==> flow/design.v <==
module sync_ram_block_stage #(
  parameter int ENTRIES = 64,
  parameter int XLEN = 2,
  parameter int AW = $clog2(ENTRIES)
) (
  input  logic i_clk,
  input  logic rst_i,
  input  logic write_i,
  input  logic [AW-1:0] wa_i,
  input  logic [XLEN-1:0] write_data_i,
  input  logic [AW-1:0] raddr_a_i,
  input  logic [AW-1:0] raddr_b_i,
  output logic [XLEN-1:0] rd_data_a_o,
  output logic [XLEN-1:0] rd_data_b_o
);
  logic write_s;
  logic [AW-1:0] wa_s;
  logic [XLEN-1:0] write_data_s;
  always_ff @(posedge i_clk or posedge rst_i) begin
    if (rst_i) begin
      write_s <= 1'b0;
      wa_s <= 0;
      write_data_s <= 0;
    end else begin
      write_s <= write_i;
      wa_s <= wa_i;
      write_data_s <= write_data_i;
    end
  end
  logic [XLEN-1:0] array [0:ENTRIES-1];
  always_ff @(posedge i_clk) begin
    if (write_s)
      array[wa_s] <= write_data_s;
  end
  logic [AW-1:0] raddr_a_s;
  logic [AW-1:0] raddr_b_s;
  logic [XLEN-1:0] rd_data_a_s;
  always_ff @(posedge i_clk or posedge rst_i) begin
    if (rst_i) begin
      raddr_a_s <= 0;
      raddr_b_s <= 0;
      rd_data_a_s <= 0;
    end else begin
      raddr_a_s <= raddr_a_i;
      raddr_b_s <= raddr_b_i;
      rd_data_a_s <= array[raddr_a_s];
    end
  end
  assign rd_data_a_o = rd_data_a_s;
  logic [XLEN-1:0] rd_data_b_s;
  always_ff @(posedge i_clk or posedge rst_i) begin
    if (rst_i) begin
      rd_data_b_s <= 0;
    end else begin
      rd_data_b_s <= array[raddr_b_s];
    end
  end
  assign rd_data_b_o = rd_data_b_s;
endmodule
* From RTL to reports: sync_ram_block_stage
The steps from the RTL of sync_ram_block_stage to its reports follow in flow order. Lines are those of the file above, counted from 1. A cell with n/a has no value.
Inputs: design top sync_ram_block_stage, clock i_clk, library sky130hd, library corner tt_025C_1v80

* Word-level counts
Yosys after proc, flatten, opt, wreduce and memory -nomap, before mapping. Enables and synchronous resets that opt folds into registers are not counted as muxes. Memory bits, and registers merged into a memory's read port (data or address), are not among the register bits. Print and check cells are not counted. Equal cells are merged and count once. Memory sizes are those after Yosys's memory passes, which may raise the word count (mostly to a power of two), join words into wider ones and drop unused or constant bits.
Storage and ports: clocked read ports x word width 4, bits in registers 21, word-level cells 9, output and inout bits 4, memory bits (writable) 128, memories 1, input port bits 23
Cells by class: multiplexer cells 3
Memories:
- array | depth 64, bits a word 2, rd ports 2, write ports 1, RTL line 30 | logic [XLEN-1:0] array [0:ENTRIES-1];
Operator list (number):
- 2-to-1 mux 6 bit | 1
- 2-to-1 mux 2 bit | 1
- 2-to-1 mux 1 bit | 1

* Logic depth
Yosys ltp: most cells in a row. Word level: on the elaborated netlist, between registers, memories and ports. Mapped: between sequential cells and ports; inverters and the memories' decode and read muxes count.
Depth: word-level depth 1, ABC_AREA 0, mapped depth 7

* Synthesis result
Source: synth_stat.txt of the flow (Yosys; design flattened, memories mapped). It holds for the ABC_AREA given above (unset counts as 0); a run with the other value may have another netlist.
Cells by type (number):
- sky130_fd_sc_hd__edfxtp_1 | 128
- sky130_fd_sc_hd__mux4_2 | 50
- sky130_fd_sc_hd__dfrtp_1 | 25
- sky130_fd_sc_hd__mux4_1 | 14
- sky130_fd_sc_hd__nor2_1 | 68
- sky130_fd_sc_hd__clkbuf_8 | 6
- sky130_fd_sc_hd__mux2i_1 | 7
- sky130_fd_sc_hd__mux2_2 | 6
- sky130_fd_sc_hd__o22ai_1 | 10
- sky130_fd_sc_hd__nor2b_1 | 9
- sky130_fd_sc_hd__nand3_1 | 9
- sky130_fd_sc_hd__buf_12 | 2
- sky130_fd_sc_hd__buf_6 | 3
- sky130_fd_sc_hd__nand2b_1 | 5
- sky130_fd_sc_hd__a2111oi_2 | 2
- sky130_fd_sc_hd__clkbuf_1 | 8
- sky130_fd_sc_hd__nand2_1 | 8
- sky130_fd_sc_hd__nand3b_1 | 4
Other cell types: 23; their cells: 43.
Synthesis totals: buffers 26, standard cells after synthesis 407, synthesis area 7129.3 um2, flip-flop cells 153

* Worst setup path after synthesis
Path of least setup slack by OpenSTA after synthesis, without wires, with an ideal clock, recovery checks aside; 20% of the period is set as input and as output delay. Where synthesis merged equal registers, the netlist keeps one of their names.
Timing after synthesis: path type reg-to-reg, from register raddr_b_s[0], to register rd_data_b_s[1], data arrival time 1.760 ns, clock period 2.36 ns, stages 8, launch time at the first pin 0.000 ns, path slack 0.472 ns, path delay 1.888 ns, period reached after synthesis 1.888 ns
"path delay" is the arrival time less input delay plus setup time. "stages": output pins that drive a net of the path, with the launching flip-flop's if there is one; two outputs of one cell count as two. "period reached after synthesis" = period - worst setup slack (recovery checks aside). The figure is calculated, with input and output delays left at 20% of the set period.
On the way, after synthesis: cell sequence sky130_fd_sc_hd__dfrtp_1 sky130_fd_sc_hd__buf_6 sky130_fd_sc_hd__buf_4 sky130_fd_sc_hd__mux4_2 sky130_fd_sc_hd__mux2i_1 sky130_fd_sc_hd__o22ai_1 sky130_fd_sc_hd__o21ai_0 sky130_fd_sc_hd__o31ai_1
Ends and longest elaborated chain, after synthesis:
- start, declared | RTL line 36 | logic [AW-1:0] raddr_b_s;
- start, assigned | RTL line 41 | raddr_b_s <= 0;
- start, assigned | RTL line 45 | raddr_b_s <= raddr_b_i;
- end, declared | RTL line 50 | logic [XLEN-1:0] rd_data_b_s;
Chain of elaborated cells between the ends: none given.

* Timing after layout
Path of least setup slack in the final report of record 1 (OpenROAD, finished layout, wires in). Where an end is a register, its clock arrival counts in the times.
Timing after layout: path type reg-to-reg, from register raddr_a_s[0], to register rd_data_a_s[1], path slack 0.38 ns, stages 8, launch time at the first pin 0.42 ns, data arrival time 2.34 ns, clock period 2.42 ns
On the way, after layout: cell sequence sky130_fd_sc_hd__dfrtp_2 sky130_fd_sc_hd__buf_12 sky130_fd_sc_hd__buf_12 sky130_fd_sc_hd__clkbuf_16 sky130_fd_sc_hd__mux4_1 sky130_fd_sc_hd__o22ai_1 sky130_fd_sc_hd__o21ai_2 sky130_fd_sc_hd__a22o_1
Ends and longest elaborated chain, after layout:
- start, declared | RTL line 35 | logic [AW-1:0] raddr_a_s;
- start, assigned | RTL line 40 | raddr_a_s <= 0;
- start, assigned | RTL line 44 | raddr_a_s <= raddr_a_i;
- end, declared | RTL line 37 | logic [XLEN-1:0] rd_data_a_s;
Chain of elaborated cells between the ends: none given.

==> runs of sync_ram_block_stage <==
Top module sync_ram_block_stage; platform sky130hd; tools Yosys and OpenROAD; 3 stored runs in no particular order. Input and output delays are each 20% of the period that was set; the output load is 0.01 pF.
By "achieved period" is meant the clock period of the run minus its worst setup slack. This is arithmetic on one report: input and output delays are still those of the set period (20% each).
"allowed time less slack (worst setup path)" = time allowed to the worst setup path (clock period - input delay - output delay, where it has them) - its slack; a late launch clock adds to it, a late capture clock takes from it.
"total power after layout": no workload was simulated; the value follows from the tool's default switching activity.

[record 1] flow files
==> flow/run.sh <==
#!/bin/bash
# the make line also repeats the synthesis and layout settings of config.mk as NAME=value (left out here)
make -C /OpenROAD-flow-scripts/flow DESIGN_CONFIG=/design/flow/config.mk WORK_HOME=/design/flow/orfs CLKGATE_MAP_FILE= finish
==> flow/config.mk <==
export PLATFORM = sky130hd
export DESIGN_NAME = sync_ram_block_stage
export DESIGN_NICKNAME = sync_ram_block_stage
export VERILOG_FILES = /design/flow/design.v
export SDC_FILE = /design/flow/constraint.sdc
export NUM_CORES = 4
export LEC_CHECK = 0
export CAP_MARGIN = 20
export CELL_PAD_IN_SITES_GLOBAL_PLACEMENT = 0
export CORE_ASPECT_RATIO = 1.32
export CORE_MARGIN = 8
export CORE_UTILIZATION = 51
export CTS_CLUSTER_DIAMETER = 154
export GPL_TIMING_DRIVEN = 1
export MAX_ROUTING_LAYER = met5
export PLACE_DENSITY_LB_ADDON = 0.09
export SETUP_SLACK_MARGIN = 0.61
export SLEW_MARGIN = 20
==> flow/constraint.sdc <==
create_clock -name core_clock -period 2.42 [get_ports {i_clk}]
set_input_delay 0.4840 -clock core_clock [delete_from_list [all_inputs] [get_ports {i_clk}]]
set_output_delay 0.4840 -clock core_clock [all_outputs]
set_load 0.01 [all_outputs]

[record 1] result: synthesis area 7129.3 um2; overall die area 18055.3 um2; standard-cell area after routing 8580.7 um2; utilization after routing 62.8%; lowest setup slack 0.385 ns; sum of negative setup slack 0.000 ns; total power after layout 6.262 mW; achieved period 2.035 ns; allowed time less slack (worst setup path) 2.04 ns; kind of the worst setup path reg-to-reg

[record 2] flow files
==> flow/run.sh <==
#!/bin/bash
# the make line also repeats the synthesis and layout settings of config.mk as NAME=value (left out here)
make -C /OpenROAD-flow-scripts/flow DESIGN_CONFIG=/design/flow/config.mk WORK_HOME=/design/flow/orfs CLKGATE_MAP_FILE= finish
==> flow/config.mk <==
export PLATFORM = sky130hd
export DESIGN_NAME = sync_ram_block_stage
export DESIGN_NICKNAME = sync_ram_block_stage
export VERILOG_FILES = /design/flow/design.v
export SDC_FILE = /design/flow/constraint.sdc
export NUM_CORES = 4
export LEC_CHECK = 0
export CAP_MARGIN = 20
export CORE_MARGIN = 2
export CORE_UTILIZATION = 40
export SLEW_MARGIN = 20
==> flow/constraint.sdc <==
create_clock -name core_clock -period 2.36 [get_ports {i_clk}]
set_input_delay 0.4720 -clock core_clock [delete_from_list [all_inputs] [get_ports {i_clk}]]
set_output_delay 0.4720 -clock core_clock [all_outputs]
set_load 0.01 [all_outputs]

[record 2] result: synthesis area 7129.3 um2; overall die area 18907.6 um2; standard-cell area after routing 8241.6 um2; utilization after routing 47.5%; lowest setup slack 0.198 ns; sum of negative setup slack 0.000 ns; total power after layout 6.294 mW; achieved period 2.162 ns; allowed time less slack (worst setup path) 2.16 ns; kind of the worst setup path reg-to-reg

[record 3] flow files
==> flow/run.sh <==
#!/bin/bash
# the make line also repeats the synthesis and layout settings of config.mk as NAME=value (left out here)
make -C /OpenROAD-flow-scripts/flow DESIGN_CONFIG=/design/flow/config.mk WORK_HOME=/design/flow/orfs CLKGATE_MAP_FILE= finish
==> flow/config.mk <==
export PLATFORM = sky130hd
export DESIGN_NAME = sync_ram_block_stage
export DESIGN_NICKNAME = sync_ram_block_stage
export VERILOG_FILES = /design/flow/design.v
export SDC_FILE = /design/flow/constraint.sdc
export NUM_CORES = 4
export LEC_CHECK = 0
export ABC_AREA = 0
export CAP_MARGIN = 10
export CELL_PAD_IN_SITES_DETAIL_PLACEMENT = 0
export CELL_PAD_IN_SITES_GLOBAL_PLACEMENT = 0
export CORE_ASPECT_RATIO = 0.82
export CORE_MARGIN = 4
export CORE_UTILIZATION = 31
export MAX_ROUTING_LAYER = met4
export MIN_ROUTING_LAYER = met1
export PLACE_DENSITY_LB_ADDON = 0.06
export SLEW_MARGIN = 20
==> flow/constraint.sdc <==
create_clock -name core_clock -period 1.75 [get_ports {i_clk}]
set_input_delay 0.3500 -clock core_clock [delete_from_list [all_inputs] [get_ports {i_clk}]]
set_output_delay 0.3500 -clock core_clock [all_outputs]
set_load 0.01 [all_outputs]

[record 3] result: synthesis area 7129.3 um2; overall die area 25500.2 um2; standard-cell area after routing 8873.5 um2; utilization after routing 39.9%; lowest setup slack -0.218 ns; sum of negative setup slack -0.791 ns; total power after layout 8.406 mW; achieved period 1.968 ns; allowed time less slack (worst setup path) 1.97 ns; kind of the worst setup path reg-to-reg
